==> flow/design.v <==
module data_mux_stage #(
   parameter DATA_WIDTH = 20,
   parameter NIN = 20,
   parameter SBITS = $clog2(NIN)
) (
   input  clk_i,
   input  RST,
   input  [NIN*DATA_WIDTH-1:0] src,
   input  [SBITS-1:0] addr,
   output reg [DATA_WIDTH-1:0] dout
);
   reg [NIN*DATA_WIDTH-1:0] src_d1;
   reg [SBITS-1:0] addr_d1;
   wire [NIN*DATA_WIDTH-1:0] r;
   assign r = src_d1 >> (addr_d1 * DATA_WIDTH);
   always @(posedge clk_i or posedge RST) begin
      if (RST) begin
         src_d1 <= 0;
         addr_d1 <= 0;
         dout <= 0;
      end else begin
         src_d1 <= src;
         addr_d1 <= addr;
         dout <= r[DATA_WIDTH-1:0];
      end
   end
endmodule
### Reports on data_mux_stage

What the tools print for data_mux_stage, step after step.
Line numbers count from 1 in the design file above.
Operators carry their Yosys type and port widths (W data, S select, Z words).
Cell names lack the library's common part.
The mark -- stands for no value.

| inputs | value |
|---|---|
| design top | data_mux_stage |
| clock | clk_i |
| standard-cell library | sky130hd |
| timing corner | tt_025C_1v80 |

### After elaboration

Source: Yosys, flattened and elaborated, memories not mapped. Widths are those after wreduce; folded enables and synchronous resets count as part of the registers. Registers that Yosys merges into a memory's read port (data or address) are not register bits. Print and check cells do not count. Equal cells are merged and count once.

| bit counts | value |
|---|---|
| register bits after elaboration | 425 |
| input bits | 407 |
| output and inout bits | 20 |

| cells by class | value |
|---|---|
| multipliers | 1 |
| shifts and indexed selects | 1 |

Operators by type and width:

| kind | number |
|---|---|
| $shr A400 B10 Y20 | 1 |
| $mul A5 B3 Y8 const B | 1 |

### Logic depth

Yosys ltp: most cells in a row. Word level: on the elaborated netlist, between registers, memories and ports. Mapped: between sequential cells and ports; inverters and the memories' decode and read muxes count.

| logic depth | value |
|---|---|
| word-level depth | 2 |
| ABC_AREA | 0 |
| gate-level depth with buffers | 8 |
| depth with buffers taken out | 4 |

### Mapped cells and area

Source: synth_stat.txt of the flow (Yosys; design flattened, memories mapped). It holds for the ABC_AREA given above (unset counts as 0); a run with the other value may have another netlist.

Cell types:

| type | number | total area (sq um) |
|---|---|---|
| dfrtp_1 | 425 | 10,635.2 |
| mux4_2 | 60 | 1.35E+03 |
| mux2i_1 | 100 | 1,000.96 |
| a22oi_1 | 40 | 300.288 |
| o211ai_1 | 20 | 150.144 |
| buf_12 | 6 | 120.115 |
| nand3_1 | 20 | 100.096 |
| nand2_1 | 20 | 75.072 |
| buf_6 | 6 | 67.565 |
| clkbuf_1 | 15 | 56.304 |
| buf_2 | 8 | 40.038 |
| buf_4 | 4 | 30.029 |
| nor2b_1 | 3 | 18.768 |
| nor3b_1 | 1 | 7.507 |
| and2_1 | 1 | 6.256 |
| or2_2 | 1 | 6.256 |
| buf_1 | 1 | 3.754 |
| inv_1 | 1 | 3.754 |
| nor2_1 | 1 | 3.754 |

| synthesis totals | value |
|---|---|
| mapped flip-flops | 425 |
| cell area after synthesis | 13,977.2 sq um |
| cell count | 733 |
| sequential area | 10,635.2 sq um |

### Path before layout

OpenSTA on the mapped netlist: ideal clock, no wires. The path of least setup slack (recovery checks aside). Input and output delay are each 20% of the period. Register names are those of the netlist, which keeps one name where synthesis merged equal registers.

| path post-synthesis | value |
|---|---|
| path type | register to register |
| from | register addr_d1[0] |
| to | register dout[12] |
| data arrival time | 1.376 ns |
| path delay | 1.514 ns |
| path buffers | 3 |
| path slack | 0.376 ns |
| launch time at the first pin | 0.000 ns |
| stages on the path | 7 |
| period | 1.89 ns |
| synthesis period reached | 1.514 ns |

"path delay" = arrival - input delay + setup time.
"stages on the path": output pins that drive a net of the path, with the launching flip-flop's if there is one; two outputs of one cell count as two.
"synthesis period reached" = period - worst setup slack (recovery checks aside). The figure is calculated, with input and output delays left at 20% of the set period.
The rows between start and end are the longest chain of elaborated cells between them; the timing report does not say that the signal goes this way. Where chains are equally long, one stands for them.
Each line given opens the expression or statement behind the cell; cells for indexed reads and writes are added by Yosys, which also makes memories of some case tables.

| between the ends, post-synthesis | value |
|---|---|
| cell sequence | dfrtp_1 buf_6 buf_12 buf_6 mux4_2 nand2_1 o211ai_1 |
| cells in the longest elaborated chain | 2 |
| elaborated cells between the ends (all ways) | 2 |
| those cells by class | mul (1); shift (1) |

RTL lines, path post-synthesis:

| item | line | RTL |
|---|---|---|
| start, declared | 13 | `reg [SBITS-1:0] addr_d1;` |
| start, assigned | 19 | `addr_d1 <= 0;` |
| start, assigned | 23 | `addr_d1 <= addr;` |
| $mul A5 B3 Y8 | 15 | `assign r = src_d1 >> (addr_d1 * DATA_WIDTH);` |
| $shr A400 B10 Y20 | 15 |  |
| end, assigned | 20 | `dout <= 0;` |
| end, assigned | 24 | `dout <= r[DATA_WIDTH-1:0];` |
| end, declared | 10 | `output reg [DATA_WIDTH-1:0] dout` |

### Timing after layout

Path of least setup slack in the final report of job 1 (OpenROAD, finished layout, wires in). Where an end is a register, its clock arrival counts in the times.

| path post-layout | value |
|---|---|
| path type | register to output |
| from | register dout[2] |
| to | output dout[2] |
| data arrival time | 1.46 ns |
| output delay | 0.38 ns |
| stages on the path | 2 |
| path buffers | 1 |
| launch time at the first pin | 0.54 ns |
| period | 1.89 ns |
| path slack | 0.05 ns |

| between the ends, post-layout | value |
|---|---|
| cell sequence | dfrtp_1 clkdlybuf4s50_1 |
| cells in the longest elaborated chain | 0 |
| elaborated cells between the ends (all ways) | 0 |

RTL lines, path post-layout:

| item | line | RTL |
|---|---|---|
| start, declared | 10 | `output reg [DATA_WIDTH-1:0] dout` |
| start, assigned | 20 | `dout <= 0;` |
| start, assigned | 24 | `dout <= r[DATA_WIDTH-1:0];` |
| end, declared | 10 |  |

--- measured runs ---
3 stored runs of data_mux_stage in the flow (synthesis by Yosys, layout by OpenROAD, sky130hd cells), in arbitrary order. Constraints: input delay and output delay 20% of the set period each, output load 0.01 pF.
"allowed time less slack (worst setup path)" = time allowed to the worst setup path (clock period - input delay - output delay, where it has them) - its slack; a late launch clock adds to it, a late capture clock takes from it.
Among the settings, . means not set for that run.
A result given as . is not shown for that run.

| run name | period_ns | CAP_MARGIN | CORE_MARGIN | CORE_UTILIZATION | SLEW_MARGIN | SETUP_SLACK_MARGIN | PLACE_DENSITY | HOLD_SLACK_MARGIN | CELL_PAD_IN_SITES_GLOBAL_PLACEMENT | CELL_PAD_IN_SITES_DETAIL_PLACEMENT | TNS_END_PERCENT | ABC_AREA | CTS_CLUSTER_SIZE | CTS_CLUSTER_DIAMETER | GPL_TIMING_DRIVEN | GPL_ROUTABILITY_DRIVEN | MIN_ROUTING_LAYER | post-synthesis cell area (sq um) | total die area (sq um) | area of the standard cells in the finished layout (sq um) | post-route utilization (%) | worst setup slack after layout (ns) | total negative slack (ns) | allowed time less slack (worst setup path) (ns) | kind of the worst setup path |
|---|---|---|---|---|---|---|---|---|---|---|---|---|---|---|---|---|---|---|---|---|---|---|---|---|---|
| job 1 | 1.89 | 20 | 2 | 40 | 20 | . | . | . | . | . | . | . | . | . | . | . | . | 13,977.2 | 36,454.3 | 20,738.6 | 60.2 | 0.053 | 0.000 | 1.46 | register to output |
| job 2 | 2.14 | 25 | 2 | 65 | 20 | -0.12 | 0.81 | 0.1 | 2 | 1 | 55 | 1 | 27 | 249 | . | . | . | . | . | . | . | . | . | . | . |
| job 3 | 1.1 | 20 | 2 | 28 | 5 | . | 0.75 | . | . | 1 | . | 1 | . | . | 0 | 1 | met2 | 15,745.1 | 58,146.1 | 24,816.3 | 44.9 | -0.851 | -19.915 | 1.95 | register to register |

Job 2: not finished: placement ended with error GPL-0301
--- end ---
